==> flow/design.v <==
module dp_add_unit_rtl #(
  parameter DATA_W = 72,
  parameter SLICE = 8
) (
  input  logic aclk,
  input  logic aresetn,
  input  logic enable,
  input  logic [DATA_W-1:0] rs1,
  input  logic [DATA_W-1:0] rs2,
  input  logic cin,
  output logic [DATA_W-1:0] q,
  output logic carry_out
);
  logic [DATA_W-1:0] rs1_s;
  logic [DATA_W-1:0] rs2_s;
  logic cin_s;
  always_ff @(posedge aclk) begin
    if (!aresetn) begin
      rs1_s <= 0;
      rs2_s <= 0;
      cin_s <= 1'b0;
    end else if (enable) begin
      rs1_s <= rs1;
      rs2_s <= rs2;
      cin_s <= cin;
    end
  end
  localparam GROUPS = DATA_W / SLICE;
  logic [DATA_W-1:0] t;
  logic [GROUPS:0] cy;
  assign cy[0] = cin_s;
  generate
    for (genvar k = 0; k < GROUPS; k++) begin : g_bit
      wire [SLICE:0] s0 = rs1_s[k*SLICE +: SLICE] + rs2_s[k*SLICE +: SLICE];
      wire [SLICE:0] s1 = rs1_s[k*SLICE +: SLICE] + rs2_s[k*SLICE +: SLICE] + 1'b1;
      assign {cy[k+1], t[k*SLICE +: SLICE]} = cy[k] ? s1 : s0;
    end
  endgenerate
  always_ff @(posedge aclk) begin
    if (!aresetn) begin
      q <= 0;
      carry_out <= 1'b0;
    end else if (enable) begin
      q <= t;
      carry_out <= cy[GROUPS];
    end
  end
endmodule
Tool chain data of dp_add_unit_rtl
The steps from the RTL of dp_add_unit_rtl to its reports follow in flow order. Line numbers count from 1 in the design file above. A cell with -- has no value.

Top module: dp_add_unit_rtl. Clock input: aclk. Library: sky130hd. Corner: tt_025C_1v80.

Word level
Yosys after proc, flatten, opt, wreduce and memory -nomap, before mapping. Enables and synchronous resets that opt folds into registers are not counted as muxes. Memory bits, and registers merged into a memory's read port (data or address), are not among the register bits. Print and check cells are not counted. Equal cells are merged and count once.

The figure for add/subtract/negate cells is 18. The figure for multiplexer cells is 9.

Operators by type and width (count): adder 8 x 8 -> 9 bit (9); adder 9 x 1 -> 9 bit with constant B (9); two-way mux 9 bit (9).

Register bits: 218. The entry for input bits reads 148. The entry for output and inout bits reads 73. Under elaborated cells stands 32.

Longest topological paths
Depth = most cells in a row (Yosys ltp): at word level without a register or memory, in the mapped netlist without a sequential cell, where the memories' decode and read muxes count.

Under word-level depth stands 11. The figure for ABC_AREA is 0. Under mapped depth stands 18. Gate-level depth less buffers: 18.

Synthesis result
The flow's flattened synthesis, as Yosys stat reports it; memories are mapped. The netlist is that of the ABC_AREA named above (0 if unset); the other value can give another one.

For cells in the netlist the number is 1253. Under chip area (Yosys) stands 11606.1 um^2. Sequential part of the area: 4364.2 um^2. Under flip-flops stands 218. Under buffer cells stands 58.

Cell types: sky130_fd_sc_hd__dfxtp_1 (count 218, total area 4.36E+03 um^2); sky130_fd_sc_hd__mux2i_1 (count 162, total area 1.62E+03 um^2); sky130_fd_sc_hd__ha_1 (count 81, total area 1.01E+03 um^2); sky130_fd_sc_hd__nor2_1 (count 235, total area 882.096 um^2); sky130_fd_sc_hd__xnor2_1 (count 72, total area 630.605 um^2); sky130_fd_sc_hd__a211oi_1 (count 47, total area 352.838 um^2); sky130_fd_sc_hd__xor2_1 (count 39, total area 341.578 um^2); sky130_fd_sc_hd__a21oi_1 (count 65, total area 325.312 um^2); sky130_fd_sc_hd__o21bai_1 (count 25, total area 187.68 um^2); sky130_fd_sc_hd__fa_1 (count 9, total area 180.173 um^2); sky130_fd_sc_hd__clkbuf_1 (count 45, total area 168.912 um^2); sky130_fd_sc_hd__a21o_1 (count 20, total area 150.144 um^2); sky130_fd_sc_hd__inv_1 (count 40, total area 150.144 um^2); sky130_fd_sc_hd__nand2_1 (count 39, total area 146.39 um^2); sky130_fd_sc_hd__nand3_1 (count 28, total area 140.134 um^2); sky130_fd_sc_hd__o21ai_0 (count 23, total area 115.11 um^2); sky130_fd_sc_hd__and3_1 (count 10, total area 62.56 um^2); sky130_fd_sc_hd__nor3_1 (count 12, total area 60.058 um^2).

Other cell types: 43; their cells: 83.

Timing after synthesis
Path of least setup slack by OpenSTA after synthesis, without wires, with an ideal clock, recovery checks aside; 20% of the period is set as input and as output delay. Where synthesis merged equal registers, the netlist keeps one of their names.

Path type: reg-to-reg. Start point: register rs1_s[0]. End point: register q[66]. The figure for period is 6380 ps. The entry for setup time reads 122 ps. The entry for time at the first pin reads 0 ps. For arrival the number is 4986 ps. The figure for data required time is 6258 ps. The figure for slack is 1272 ps. The entry for delay of the path reads 5108 ps. Stages on the path: 19. Path buffers: 0. Synthesis period reached: 5108 ps.

"delay of the path" is the arrival time less input delay plus setup time. "stages on the path" counts driving pins, that of a launching flip-flop among them; a cell with two outputs on the path counts twice. "synthesis period reached" is the clock period less the worst setup slack; recovery checks do not enter. This is arithmetic on one report: input and output delays are still those of the set period (20% each). Between the ends stands the longest chain of elaborated cells between them, by number of cells; it is not shown to be the way that was timed. Of several equally long chains one is given. A line is the first line of the expression or statement that the cell stems from. Yosys adds cells for indexed reads and writes and turns some case tables into memories.

Cell sequence: sky130_fd_sc_hd__dfxtp_1 -> sky130_fd_sc_hd__ha_1 -> sky130_fd_sc_hd__fa_1 -> sky130_fd_sc_hd__a211oi_1 -> sky130_fd_sc_hd__nor2_1 -> sky130_fd_sc_hd__xor2_1 -> sky130_fd_sc_hd__nand4_2 -> sky130_fd_sc_hd__o31a_1 -> sky130_fd_sc_hd__nor4b_2 -> sky130_fd_sc_hd__mux2_4 -> sky130_fd_sc_hd__mux2i_4 -> sky130_fd_sc_hd__mux2i_2 -> sky130_fd_sc_hd__mux2i_1 -> sky130_fd_sc_hd__xnor2_2 -> sky130_fd_sc_hd__nand3_4 -> sky130_fd_sc_hd__mux2i_4 -> sky130_fd_sc_hd__xnor2_2 -> sky130_fd_sc_hd__a21oi_1 -> sky130_fd_sc_hd__a311o_1. For cells in the longest elaborated chain the number is 11. For elaborated cells between the ends (all ways) the number is 11. Those cells by class: 2 x add/sub; 9 x mux.

Ends and longest elaborated chain, post-synthesis: from (decl) (line 14) `logic [DATA_W-1:0] rs1_s;`; from (assign) (line 19) `rs1_s <= 0;`; from (assign) (line 23) `rs1_s <= rs1;`; adder 8 x 8 -> 9 bit (line 35) `wire [SLICE:0] s1 = rs1_s[k*SLICE +: SLICE] + rs2_s[k*SLICE +: SLICE] + 1'b1;`; adder 9 x 1 -> 9 bit (line 35); two-way mux 9 bit (9 in a row) (line 36) `assign {cy[k+1], t[k*SLICE +: SLICE]} = cy[k] ? s1 : s0;`; to (assign) (line 41) `q <= 0;`; to (assign) (line 44) `q <= t;`; to (decl) (line 11) `output logic [DATA_W-1:0] q,`.

Timing after layout
From the final timing report of flow run 1: the path of least setup slack in the routed layout; clock arrival at registers is part of the times. The path's times are printed in steps of 10 ps; the period is the one set.

Path type: reg-to-reg. Start point: register rs2_s[0]. End point: register q[66]. The figure for period is 4320 ps. The entry for setup time reads 110 ps. The entry for time at the first pin reads 520 ps. For arrival the number is 5290 ps. The figure for data required time is 4730 ps. The figure for slack is -560 ps. Stages on the path: 20. Path buffers: 1.

Between the ends stands the longest chain of elaborated cells between them, by number of cells; it is not shown to be the way that was timed. Of several equally long chains one is given.

Cell sequence: sky130_fd_sc_hd__dfxtp_2 -> sky130_fd_sc_hd__ha_4 -> sky130_fd_sc_hd__fa_2 -> sky130_fd_sc_hd__a211oi_4 -> sky130_fd_sc_hd__o21bai_1 -> sky130_fd_sc_hd__a21oi_1 -> sky130_fd_sc_hd__xor2_1 -> sky130_fd_sc_hd__o31a_1 -> sky130_fd_sc_hd__nor4b_4 -> sky130_fd_sc_hd__mux2_4 -> sky130_fd_sc_hd__mux2i_4 -> sky130_fd_sc_hd__mux2i_4 -> sky130_fd_sc_hd__mux2i_2 -> sky130_fd_sc_hd__xnor2_2 -> sky130_fd_sc_hd__buf_6 -> sky130_fd_sc_hd__nand3_4 -> sky130_fd_sc_hd__mux2i_4 -> sky130_fd_sc_hd__xnor2_4 -> sky130_fd_sc_hd__and3_1 -> sky130_fd_sc_hd__a311o_1. For cells in the longest elaborated chain the number is 11. For elaborated cells between the ends (all ways) the number is 11. Those cells by class: 2 x add/sub; 9 x mux.

Ends and longest elaborated chain, post-layout: from (decl) (line 15) `logic [DATA_W-1:0] rs2_s;`; from (assign) (line 20) `rs2_s <= 0;`; from (assign) (line 24) `rs2_s <= rs2;`; adder 8 x 8 -> 9 bit (line 35) `wire [SLICE:0] s1 = rs1_s[k*SLICE +: SLICE] + rs2_s[k*SLICE +: SLICE] + 1'b1;`; adder 9 x 1 -> 9 bit (line 35); two-way mux 9 bit (9 in a row) (line 36) `assign {cy[k+1], t[k*SLICE +: SLICE]} = cy[k] ? s1 : s0;`; to (assign) (line 41) `q <= 0;`; to (assign) (line 44) `q <= t;`; to (decl) (line 11) `output logic [DATA_W-1:0] q,`.

Subject: flow runs of dp_add_unit_rtl

Hi,

Record of 3 stored runs of the RTL-to-layout flow on dp_add_unit_rtl, platform sky130hd. The runs are unordered. Constraints: input delay and output delay 20% of the set period each, output load 0.01 pF. By "critical path time" is meant the share of the clock period that the worst setup path is allowed (20% is reserved at inputs, 20% at outputs), minus its slack. Clock arrival times at its registers enter into it. By "overall power" is meant OpenSTA's value without simulated activity: inputs other than the clock are taken to toggle once in ten clock periods, and the tool carries that through the logic. "critical path time" is known to 10 ps.

Flow run 1 has these settings: period_ns 4.32; CORE_UTILIZATION 36; SETUP_SLACK_MARGIN -0.08; HOLD_SLACK_MARGIN 0.16; CORE_MARGIN 2; CELL_PAD_IN_SITES_DETAIL_PLACEMENT 1; ABC_AREA 0; GPL_TIMING_DRIVEN 1; GPL_ROUTABILITY_DRIVEN 1; MIN_ROUTING_LAYER met1; MAX_ROUTING_LAYER met4; CAP_MARGIN 20; SLEW_MARGIN 20. The worst setup slack after layout stands at -555 ps. The total negative slack comes to -11,623 ps. The overall power stands at 5.574 mW. The measured critical path time is 4,880 ps. Kind of the worst setup path: reg-to-reg. The netlist area reported by Yosys is 11,606.1 um^2. The die area reads 33,690.6 um^2. For the worst hold slack in the final report the run shows 494 ps. The standard-cell area after routing reads 16,143.0 um^2.

Flow run 2 has these settings: period_ns 9.92; CORE_UTILIZATION 38; SETUP_SLACK_MARGIN -0.45; PLACE_DENSITY_LB_ADDON 0.25; CORE_ASPECT_RATIO 1.82; CELL_PAD_IN_SITES_GLOBAL_PLACEMENT 2; ABC_AREA 1; GPL_ROUTABILITY_DRIVEN 1; SLEW_MARGIN 25; CAP_MARGIN 20; CORE_MARGIN 2. The worst setup slack after layout stands at 6,060 ps. The total negative slack comes to 0 ps. The overall power stands at 2.464 mW. The measured critical path time is 3,860 ps. Kind of the worst setup path: reg-to-reg. The netlist area reported by Yosys is 12,424.4 um^2. The die area reads 34,223.2 um^2. For the worst hold slack in the final report the run shows 463 ps. The standard-cell area after routing reads 15,690.0 um^2.

Flow run 3 has these settings: period_ns 6.38; CAP_MARGIN 20; CORE_MARGIN 2; CORE_UTILIZATION 40; SLEW_MARGIN 20. The worst setup slack after layout stands at 678 ps. The total negative slack comes to 0 ps. The overall power stands at 3.790 mW. The measured critical path time is 5,700 ps. Kind of the worst setup path: reg-to-reg. The netlist area reported by Yosys is 11,606.1 um^2. The die area reads 30,394.4 um^2. For the worst hold slack in the final report the run shows 484 ps. The standard-cell area after routing reads 15,061.9 um^2.

Regards
